==> flow/design.v <==
module ex_mag_cmp #(
   parameter WD = 80
) (
   input  logic sys_clk,
   input  logic [WD-1:0] src1_in,
   input  logic [WD-1:0] src2_in,
   output logic above_out
);
   logic [WD-1:0] src1_q;
   logic [WD-1:0] src2_q;
   always_ff @(posedge sys_clk) begin
      src1_q <= src1_in;
      src2_q <= src2_in;
   end
   logic [WD:0] carry;
   assign carry[0] = 1'b0;
   for (genvar k = 0; k < WD; k++) begin : slice
      assign carry[k+1] = (src1_q[k] ^ src2_q[k]) ? src1_q[k] : carry[k];
   end
   logic above_q;
   always_ff @(posedge sys_clk) begin
      above_q <= carry[WD];
   end
   assign above_out = above_q;
endmodule
======== Tool chain data of ex_mag_cmp ========
What the tools print for ex_mag_cmp, step after step.
Line numbers count from 1 in the design file above.
Operators carry their Yosys type and port widths (W data, S select, Z words).
The mark n/a stands for no value.
set-up
  top module .............................. ex_mag_cmp
  clock ................................... sys_clk
  cell library ............................ sky130hd
  library corner .......................... tt_025C_1v80

======== Word level ========
Counts by Yosys on the flattened word-level netlist (proc, flatten, opt, wreduce; memories kept). Register bits leave out memories and registers merged into their read ports (data or address); mux counts leave out enables and synchronous resets folded into registers. Print and check cells are left out. Cells with the same type and inputs are merged into one.
operators by class
  bitwise logic cells ..................... 80
  muxes and demuxes ....................... 80
operators by type and width
  kind           number
  $xor A1 B1 Y1  80
  $mux W1        80
bit counts
  flip-flop bits (word level) ............. 161
  output and inout port bits .............. 1
  word-level cells ........................ 163
  bits of input ports ..................... 161

======== Logic depth ========
Longest topological path by Yosys (ltp), each cell counted once; first at word level (registers and memories cut), then after technology mapping (sequential cells cut; the memories' decode and read muxes count).
logic depth
  depth in word-level cells ............... 81
  ABC_AREA ................................ 0
  gate-level depth with buffers ........... 7
  gate-level depth less buffers ........... 7

======== Netlist ========
Yosys stat after the flow's synthesis: flattened, memories mapped to cells. It holds for the ABC_AREA given above (unset counts as 0); a run with the other value may have another netlist.
synthesis totals
  buffers ................................. 0
  mapped cells ............................ 394
  sequential part of the area ............. 3223.1 µm²
  flip-flops .............................. 161
  mapped area ............................. 4683.2 µm²
cell types
  cell type                   number  area in all (µm²)
  sky130_fd_sc_hd__dfxtp_1    161     3.22E+03
  sky130_fd_sc_hd__inv_1      68      255.245
  sky130_fd_sc_hd__nand2b_1   25      156.4
  sky130_fd_sc_hd__maj3_1     14      140.134
  sky130_fd_sc_hd__nor2b_1    18      112.608
  sky130_fd_sc_hd__o22ai_1    13      81.328
  sky130_fd_sc_hd__o2111ai_1  7       61.309
  sky130_fd_sc_hd__a22oi_1    6       45.043
  sky130_fd_sc_hd__o221ai_1   4       35.034
  sky130_fd_sc_hd__a21oi_1    6       30.029
  sky130_fd_sc_hd__a222oi_1   3       30.029
  sky130_fd_sc_hd__nand2_1    8       30.029
  sky130_fd_sc_hd__a2111oi_4  1       27.526
  sky130_fd_sc_hd__a2111oi_0  3       26.275
  sky130_fd_sc_hd__a221oi_1   3       26.275
  sky130_fd_sc_hd__a2bb2oi_1  3       26.275
  sky130_fd_sc_hd__a211oi_1   3       22.522
  sky130_fd_sc_hd__nor2_1     6       22.522
Not listed: further types 25, cells in them 42.

======== Path before layout ========
Path of least setup slack by OpenSTA after synthesis, without wires, with an ideal clock, recovery checks aside; 20% of the period is set as input and as output delay. Where synthesis merged equal registers, the netlist keeps one of their names.
timing path after synthesis
  path kind ............................... flip-flop to flip-flop
  from .................................... register src1_q[63]
  to ...................................... register above_q
  buffers on the path ..................... 0
  path slack .............................. 0.501 ns
  path delay .............................. 2.009 ns
  period .................................. 2.51 ns
  arrival time ............................ 1.876 ns
  setup time .............................. 0.133 ns
  stages on the path ...................... 8
  period reached after synthesis .......... 2.009 ns
"path delay" = arrival - input delay + setup time.
"stages on the path": output pins that drive a net of the path, with the launching flip-flop's if there is one; two outputs of one cell count as two.
"period reached after synthesis" is the clock period less the worst setup slack; recovery checks do not enter. This is arithmetic on one report: input and output delays are still those of the set period (20% each).
Between the ends stands the longest chain of elaborated cells between them, by number of cells; it is not shown to be the way that was timed. Of several equally long chains one is given.
A line is the first line of the expression or statement that the cell stems from. Yosys adds cells for indexed reads and writes and turns some case tables into memories.
on the way, after synthesis
  cells stage by stage .................... sky130_fd_sc_hd__dfxtp_1 > sky130_fd_sc_hd__nand2b_4 > sky130_fd_sc_hd__a31o_1 > sky130_fd_sc_hd__maj3_2 > sky130_fd_sc_hd__or4_4 > sky130_fd_sc_hd__a2111oi_4 > sky130_fd_sc_hd__nor4b_2 > sky130_fd_sc_hd__o311ai_1
  length of the longest elaborated chain .. 18
  elaborated cells on any way between the ends .. 18
  RTL lines with such cells ............... 1
  classes of those cells .................. mux: 17; logic: 1
ends and longest elaborated chain, after synthesis
  item                   RTL line  source
  start: declaration     9         logic [WD-1:0] src1_q;
  start: assignment      12        src1_q <= src1_in;
  $xor A1 B1 Y1          18        assign carry[k+1] = (src1_q[k] ^ src2_q[k]) ? src1_q[k] : carry[k];
  $mux W1 (17 in a row)  18
  end: assignment        22        above_q <= carry[WD];
  end: declaration       20        logic above_q;

======== Timing after layout ========
Path of least setup slack in the final report of flow run A (OpenROAD, finished layout, wires in). Where an end is a register, its clock arrival counts in the times.
timing path post-layout
  path kind ............................... flip-flop to flip-flop
  from .................................... register src2_q[63]
  to ...................................... register above_q
  setup time .............................. 0.13 ns
  period .................................. 2.51 ns
  stages on the path ...................... 8
  buffers on the path ..................... 0
  arrival time ............................ 2.47 ns
  path slack .............................. 0.33 ns
Between the ends stands the longest chain of elaborated cells between them, by number of cells; it is not shown to be the way that was timed. Of several equally long chains one is given.
on the way, post-layout
  cells stage by stage .................... sky130_fd_sc_hd__dfxtp_1 > sky130_fd_sc_hd__nand2b_4 > sky130_fd_sc_hd__a31o_1 > sky130_fd_sc_hd__maj3_2 > sky130_fd_sc_hd__or4_4 > sky130_fd_sc_hd__a2111oi_4 > sky130_fd_sc_hd__nor4b_2 > sky130_fd_sc_hd__o311ai_1
  length of the longest elaborated chain .. 18
  elaborated cells on any way between the ends .. 18
  RTL lines with such cells ............... 1
  classes of those cells .................. mux: 17; logic: 1
ends and longest elaborated chain, post-layout
  item                   RTL line  source
  start: declaration     10        logic [WD-1:0] src2_q;
  start: assignment      13        src2_q <= src2_in;
  $xor A1 B1 Y1          18        assign carry[k+1] = (src1_q[k] ^ src2_q[k]) ? src1_q[k] : carry[k];
  $mux W1 (17 in a row)  18
  end: assignment        22        above_q <= carry[WD];
  end: declaration       20        logic above_q;

==> results <==
Flow measurements of ex_mag_cmp on sky130hd: 3 stored runs with different settings, listed in no order. Input and output delays are each 20% of the period that was set; the output load is 0.01 pF.
"achieved period" = clock period - worst setup slack. The figure is calculated, with input and output delays left at 20% of the set period.
"total power after layout" rests on the timing tool's default activity at the inputs, not on a simulated workload.

======== flow run A ========
==> flow/run.sh <==
#!/bin/bash
# the make line also repeats the synthesis and layout settings of config.mk as NAME=value (left out here)
make -C /OpenROAD-flow-scripts/flow DESIGN_CONFIG=/design/flow/config.mk WORK_HOME=/design/flow/orfs CLKGATE_MAP_FILE= finish
==> flow/config.mk <==
export PLATFORM = sky130hd
export DESIGN_NAME = ex_mag_cmp
export DESIGN_NICKNAME = ex_mag_cmp
export VERILOG_FILES = /design/flow/design.v
export SDC_FILE = /design/flow/constraint.sdc
export NUM_CORES = 4
export LEC_CHECK = 0
export CAP_MARGIN = 20
export CORE_MARGIN = 2
export CORE_UTILIZATION = 40
export SLEW_MARGIN = 20
==> flow/constraint.sdc <==
create_clock -name core_clock -period 2.51 [get_ports {sys_clk}]
set_input_delay 0.5020 -clock core_clock [delete_from_list [all_inputs] [get_ports {sys_clk}]]
set_output_delay 0.5020 -clock core_clock [all_outputs]
set_load 0.01 [all_outputs]

-------- measured, flow run A --------
  total negative setup slack .............. 0.000 ns
  utilization after routing ............... 62.5 %
  setup slack of the worst path ........... 0.326 ns
  total power after layout ................ 5998 µW
  synthesized cell area ................... 4683.2 µm²
  achieved period ......................... 2.184 ns
  die size ................................ 12590.0 µm²

======== flow run B ========
==> flow/run.sh <==
#!/bin/bash
# the make line also repeats the synthesis and layout settings of config.mk as NAME=value (left out here)
make -C /OpenROAD-flow-scripts/flow DESIGN_CONFIG=/design/flow/config.mk WORK_HOME=/design/flow/orfs CLKGATE_MAP_FILE= finish
==> flow/config.mk <==
export PLATFORM = sky130hd
export DESIGN_NAME = ex_mag_cmp
export DESIGN_NICKNAME = ex_mag_cmp
export VERILOG_FILES = /design/flow/design.v
export SDC_FILE = /design/flow/constraint.sdc
export NUM_CORES = 4
export LEC_CHECK = 0
export CAP_MARGIN = 40
export CELL_PAD_IN_SITES_GLOBAL_PLACEMENT = 2
export CORE_MARGIN = 2
export CORE_UTILIZATION = 54
export MAX_ROUTING_LAYER = met5
export PLACE_DENSITY = 0.82
export SLEW_MARGIN = 20
export TNS_END_PERCENT = 5
==> flow/constraint.sdc <==
create_clock -name core_clock -period 2.17 [get_ports {sys_clk}]
set_input_delay 0.4340 -clock core_clock [delete_from_list [all_inputs] [get_ports {sys_clk}]]
set_output_delay 0.4340 -clock core_clock [all_outputs]
set_load 0.01 [all_outputs]

-------- flow run B --------
  did not finish, placement stopped with GPL-0301

======== flow run C ========
==> flow/run.sh <==
#!/bin/bash
# the make line also repeats the synthesis and layout settings of config.mk as NAME=value (left out here)
make -C /OpenROAD-flow-scripts/flow DESIGN_CONFIG=/design/flow/config.mk WORK_HOME=/design/flow/orfs CLKGATE_MAP_FILE= finish
==> flow/config.mk <==
export PLATFORM = sky130hd
export DESIGN_NAME = ex_mag_cmp
export DESIGN_NICKNAME = ex_mag_cmp
export VERILOG_FILES = /design/flow/design.v
export SDC_FILE = /design/flow/constraint.sdc
export NUM_CORES = 4
export LEC_CHECK = 0
export ABC_AREA = 0
export CAP_MARGIN = 0
export CELL_PAD_IN_SITES_GLOBAL_PLACEMENT = 1
export CORE_MARGIN = 10
export CORE_UTILIZATION = 58
export MIN_ROUTING_LAYER = met2
export SETUP_SLACK_MARGIN = 0.44
export SLEW_MARGIN = 20
export TNS_END_PERCENT = 65
==> flow/constraint.sdc <==
create_clock -name core_clock -period 2.54 [get_ports {sys_clk}]
set_input_delay 0.5080 -clock core_clock [delete_from_list [all_inputs] [get_ports {sys_clk}]]
set_output_delay 0.5080 -clock core_clock [all_outputs]
set_load 0.01 [all_outputs]

-------- flow run C --------
  did not finish, placement stopped with GPL-0301
